==> flow/design.v <==
module cpu_mem_rtl #(
    parameter integer D = 24,
    parameter integer XLEN = 32,
    parameter integer ABITS = $clog2(D)
) (
    input  wire ck,
    input  wire rst_n,
    input  wire wen_i,
    input  wire [ABITS-1:0] wa_i,
    input  wire [XLEN-1:0] write_data_i,
    input  wire [ABITS-1:0] rd_idx0_i,
    input  wire [ABITS-1:0] rd_idx1_i,
    output wire [XLEN-1:0] rd0_o,
    output wire [XLEN-1:0] rd1_o
);
    reg wen_q;
    always @(posedge ck or negedge rst_n) begin
        if (~rst_n) begin
            wen_q <= 1'b0;
        end else begin
            wen_q <= wen_i;
        end
    end
    reg [ABITS-1:0] wa_q;
    always @(posedge ck or negedge rst_n) begin
        if (~rst_n) begin
            wa_q <= 0;
        end else begin
            wa_q <= wa_i;
        end
    end
    reg [XLEN-1:0] write_data_q;
    always @(posedge ck or negedge rst_n) begin
        if (~rst_n) begin
            write_data_q <= 0;
        end else begin
            write_data_q <= write_data_i;
        end
    end
    reg [XLEN-1:0] gpr [0:D-1];
    always @(posedge ck) begin
        if (wen_q)
            gpr[wa_q] <= write_data_q;
    end
    reg [ABITS-1:0] rd_idx0_q;
    always @(posedge ck or negedge rst_n) begin
        if (~rst_n) begin
            rd_idx0_q <= 0;
        end else begin
            rd_idx0_q <= rd_idx0_i;
        end
    end
    reg [ABITS-1:0] rd_idx1_q;
    always @(posedge ck or negedge rst_n) begin
        if (~rst_n) begin
            rd_idx1_q <= 0;
        end else begin
            rd_idx1_q <= rd_idx1_i;
        end
    end
    assign rd0_o = gpr[rd_idx0_q];
    assign rd1_o = gpr[rd_idx1_q];
endmodule
== Step by step through the tools: cpu_mem_rtl ==
The steps from the RTL of cpu_mem_rtl to its reports follow in flow order.
Line numbers count from 1 in the design file above.
Operators: Yosys type, input widths -> output width; for muxes data width and select width s.
Cell names lack the library's common part.
Not given: --
Set-up
  top: cpu_mem_rtl
  clock input: ck
  standard-cell library: sky130hd
  corner: tt_025C_1v80

== Elaborated design ==
Source: Yosys, flattened and elaborated, memories not mapped. Widths are those after wreduce; folded enables and synchronous resets count as part of the registers. Registers that Yosys merges into a memory's read port (data or address) are not register bits. Print and check cells do not count. Equal cells are merged and count once.
Memory sizes are those after Yosys's memory passes, which may raise the word count (mostly to a power of two), join words into wider ones and drop unused or constant bits.
Storage and ports
  register bits: 48
  bits in writable memories: 768
  memories kept: 1
  output and inout port bits: 64
Memory list
  gpr: depth 24, width 32, read ports 2, wr ports 1, line 40  | reg [XLEN-1:0] gpr [0:D-1];
Operators by class
  mux-type cells: 3
Operators by type and width (count)
  $mux 32: 1
  $mux 5: 1
  $mux 1: 1

== Longest topological paths ==
Yosys ltp: most cells in a row. Word level: on the elaborated netlist, between registers, memories and ports. Mapped: between sequential cells and ports; inverters and the memories' decode and read muxes count.
Depth
  depth after elaboration: 1
  ABC_AREA: 0
  depth in mapped cells: 9

== Netlist ==
Source: synth_stat.txt of the flow (Yosys; design flattened, memories mapped). It holds for the ABC_AREA given above (unset counts as 0); a run with the other value may have another netlist.
Totals and module areas in this step are rounded.
Cell types (count)
  edfxtp_1: 768
  mux4_2: 224
  mux2i_1: 352
  dfrtp_1: 48
  nand3_1: 97
  a22oi_1: 64
  nand2_1: 97
  mux2_2: 32
  a221oi_1: 32
  a2bb2oi_1: 32
  o311ai_0: 32
  clkbuf_1: 65
  o211ai_1: 32
  buf_2: 44
  buf_4: 22
  a21oi_1: 32
  o21ai_0: 27
  buf_6: 9
Other cell types: 13; their cells: 77.
Mapped netlist
  cell count: 2086
  synthesis area: 0.0371 mm^2
  flip-flop cells: 816
  buffer cells: 165

== Timing after synthesis ==
Path of least setup slack by OpenSTA after synthesis, without wires, with an ideal clock, recovery checks aside; 20% of the period is set as input and as output delay. Where synthesis merged equal registers, the netlist keeps one of their names.
Timing post-synthesis
  path kind: register to register
  start point: register wa_q[1]
  end point: memory gpr[12][0]
  period: 3480 ps
  library setup time: 421 ps
  launch time at the first pin: 0 ps
  arrival time: 2364 ps
  data required time: 3059 ps
  slack: 695 ps
  path delay: 2785 ps
  stages: 4
  synthesis period reached: 2785 ps
"path delay" is the arrival time less input delay plus setup time.
"stages": output pins that drive a net of the path, with the launching flip-flop's if there is one; two outputs of one cell count as two.
"synthesis period reached" = period - worst setup slack (recovery checks aside). The figure is calculated, with input and output delays left at 20% of the set period.
Between the ends stands the longest chain of elaborated cells between them, by number of cells; it is not shown to be the way that was timed. Of several equally long chains one is given.
A line is the first line of the expression or statement that the cell stems from. Yosys adds cells for indexed reads and writes and turns some case tables into memories.
Between the ends, post-synthesis
  cell sequence: dfrtp_1 > or3b_2 > clkbuf_1 > nor2_1
  cells in the longest elaborated chain: 1
  elaborated cells between the ends (all ways): 1
  source lines of those cells: 1
  classes of those cells: mux (1)
Ends and longest elaborated chain, post-synthesis
  from (decl): line 24  | reg [ABITS-1:0] wa_q;
  from (assign): line 27  | wa_q <= 0;
  from (assign): line 29  | wa_q <= wa_i;
  $mux 5: line 42  | if (wen_q)
  to (decl): line 40  | reg [XLEN-1:0] gpr [0:D-1];

== Timing after layout ==
From the final timing report of flow run 1: the path of least setup slack in the routed layout; clock arrival at registers is part of the times.
The path's times are printed in steps of 10 ps; the period is the one set.
Timing after layout
  path kind: register to output
  start point: register rd_idx1_q[0]
  end point: output port rd1_o[9]
  period: 2380 ps
  output delay: 480 ps
  launch time at the first pin: 620 ps
  arrival time: 2770 ps
  data required time: 1900 ps
  slack: -860 ps
  stages: 10
Between the ends stands the longest chain of elaborated cells between them, by number of cells; it is not shown to be the way that was timed. Of several equally long chains one is given.
The chain passes a memory read, where the word-level depth is cut; so it can be longer than that depth.
Between the ends, after layout
  cell sequence: dfrtp_4 > buf_12 > buf_12 > buf_4 > buf_6 > mux4_2 > mux2i_1 > o311ai_2 > buf_4 > buf_2
  cells in the longest elaborated chain: 1
  elaborated cells between the ends (all ways): 1
  source lines of those cells: 1
  classes of those cells: memory (1)
Ends and longest elaborated chain, after layout
  from (decl): line 53  | reg [ABITS-1:0] rd_idx1_q;
  from (assign): line 56  | rd_idx1_q <= 0;
  from (assign): line 58  | rd_idx1_q <= rd_idx1_i;
  $mem_v2 24x32: line 40  | reg [XLEN-1:0] gpr [0:D-1];
  to (decl): line 14  | output wire [XLEN-1:0] rd1_o

Lab notebook: cpu_mem_rtl

Module cpu_mem_rtl, platform sky130hd: 2 stored runs of the flow (Yosys, OpenROAD) with differing settings, in no particular order. Input and output delays are each 20% of the period that was set; the output load is 0.01 pF.
"achieved clock period": clock period set for the run, less the worst setup slack. It is reckoned from that one timing run; input and output delays stay at 20% of the period that was set.
"worst setup path time" = time allowed to the worst setup path (clock period - input delay - output delay, where it has them) - its slack; a late launch clock adds to it, a late capture clock takes from it.
By "power" is meant OpenSTA's value without simulated activity: inputs other than the clock are taken to toggle once in ten clock periods, and the tool carries that through the logic.
"worst setup path time" is known to 10 ps.
The results are shown rounded.

Flow run 1
==> flow/run.sh <==
#!/bin/bash
# the make line also repeats the synthesis and layout settings of config.mk as NAME=value (left out here)
make -C /OpenROAD-flow-scripts/flow DESIGN_CONFIG=/design/flow/config.mk WORK_HOME=/design/flow/orfs CLKGATE_MAP_FILE= finish
==> flow/config.mk <==
export PLATFORM = sky130hd
export DESIGN_NAME = cpu_mem_rtl
export DESIGN_NICKNAME = cpu_mem_rtl
export VERILOG_FILES = /design/flow/design.v
export SDC_FILE = /design/flow/constraint.sdc
export NUM_CORES = 4
export LEC_CHECK = 0
export ABC_AREA = 0
export CAP_MARGIN = 20
export CELL_PAD_IN_SITES_DETAIL_PLACEMENT = 0
export CORE_ASPECT_RATIO = 1.2
export CORE_MARGIN = 2
export CORE_UTILIZATION = 51
export CTS_CLUSTER_DIAMETER = 83
export MAX_ROUTING_LAYER = met4
export MIN_ROUTING_LAYER = met1
export PLACE_DENSITY_LB_ADDON = 0.14
export SETUP_SLACK_MARGIN = 0.24
export SLEW_MARGIN = 20
==> flow/constraint.sdc <==
create_clock -name core_clock -period 2.38 [get_ports {ck}]
set_input_delay 0.4760 -clock core_clock [delete_from_list [all_inputs] [get_ports {ck}]]
set_output_delay 0.4760 -clock core_clock [all_outputs]
set_load 0.01 [all_outputs]

==> results of flow run 1 <==
chip area after synthesis (Yosys): 0.0371 mm^2
die area: 0.0749 mm^2
standard-cell area of the final layout: 0.0475 mm^2
utilization: 65.8 %
worst setup slack after layout: -862 ps
total negative slack: -49,200 ps
power: 32.9 mW
achieved clock period: 3,242 ps
worst setup path time: 2,770 ps
worst setup path kind: register to output

Flow run 2
==> flow/run.sh <==
#!/bin/bash
# the make line also repeats the synthesis and layout settings of config.mk as NAME=value (left out here)
make -C /OpenROAD-flow-scripts/flow DESIGN_CONFIG=/design/flow/config.mk WORK_HOME=/design/flow/orfs CLKGATE_MAP_FILE= finish
==> flow/config.mk <==
export PLATFORM = sky130hd
export DESIGN_NAME = cpu_mem_rtl
export DESIGN_NICKNAME = cpu_mem_rtl
export VERILOG_FILES = /design/flow/design.v
export SDC_FILE = /design/flow/constraint.sdc
export NUM_CORES = 4
export LEC_CHECK = 0
export CAP_MARGIN = 20
export CORE_MARGIN = 2
export CORE_UTILIZATION = 40
export SLEW_MARGIN = 20
==> flow/constraint.sdc <==
create_clock -name core_clock -period 3.48 [get_ports {ck}]
set_input_delay 0.6960 -clock core_clock [delete_from_list [all_inputs] [get_ports {ck}]]
set_output_delay 0.6960 -clock core_clock [all_outputs]
set_load 0.01 [all_outputs]

==> results of flow run 2 <==
chip area after synthesis (Yosys): 0.0371 mm^2
die area: 0.0952 mm^2
standard-cell area of the final layout: 0.0464 mm^2
utilization: 50.5 %
worst setup slack after layout: -74 ps
total negative slack: -331 ps
power: 22.9 mW
achieved clock period: 3,554 ps
worst setup path time: 2,860 ps
worst setup path kind: register to output
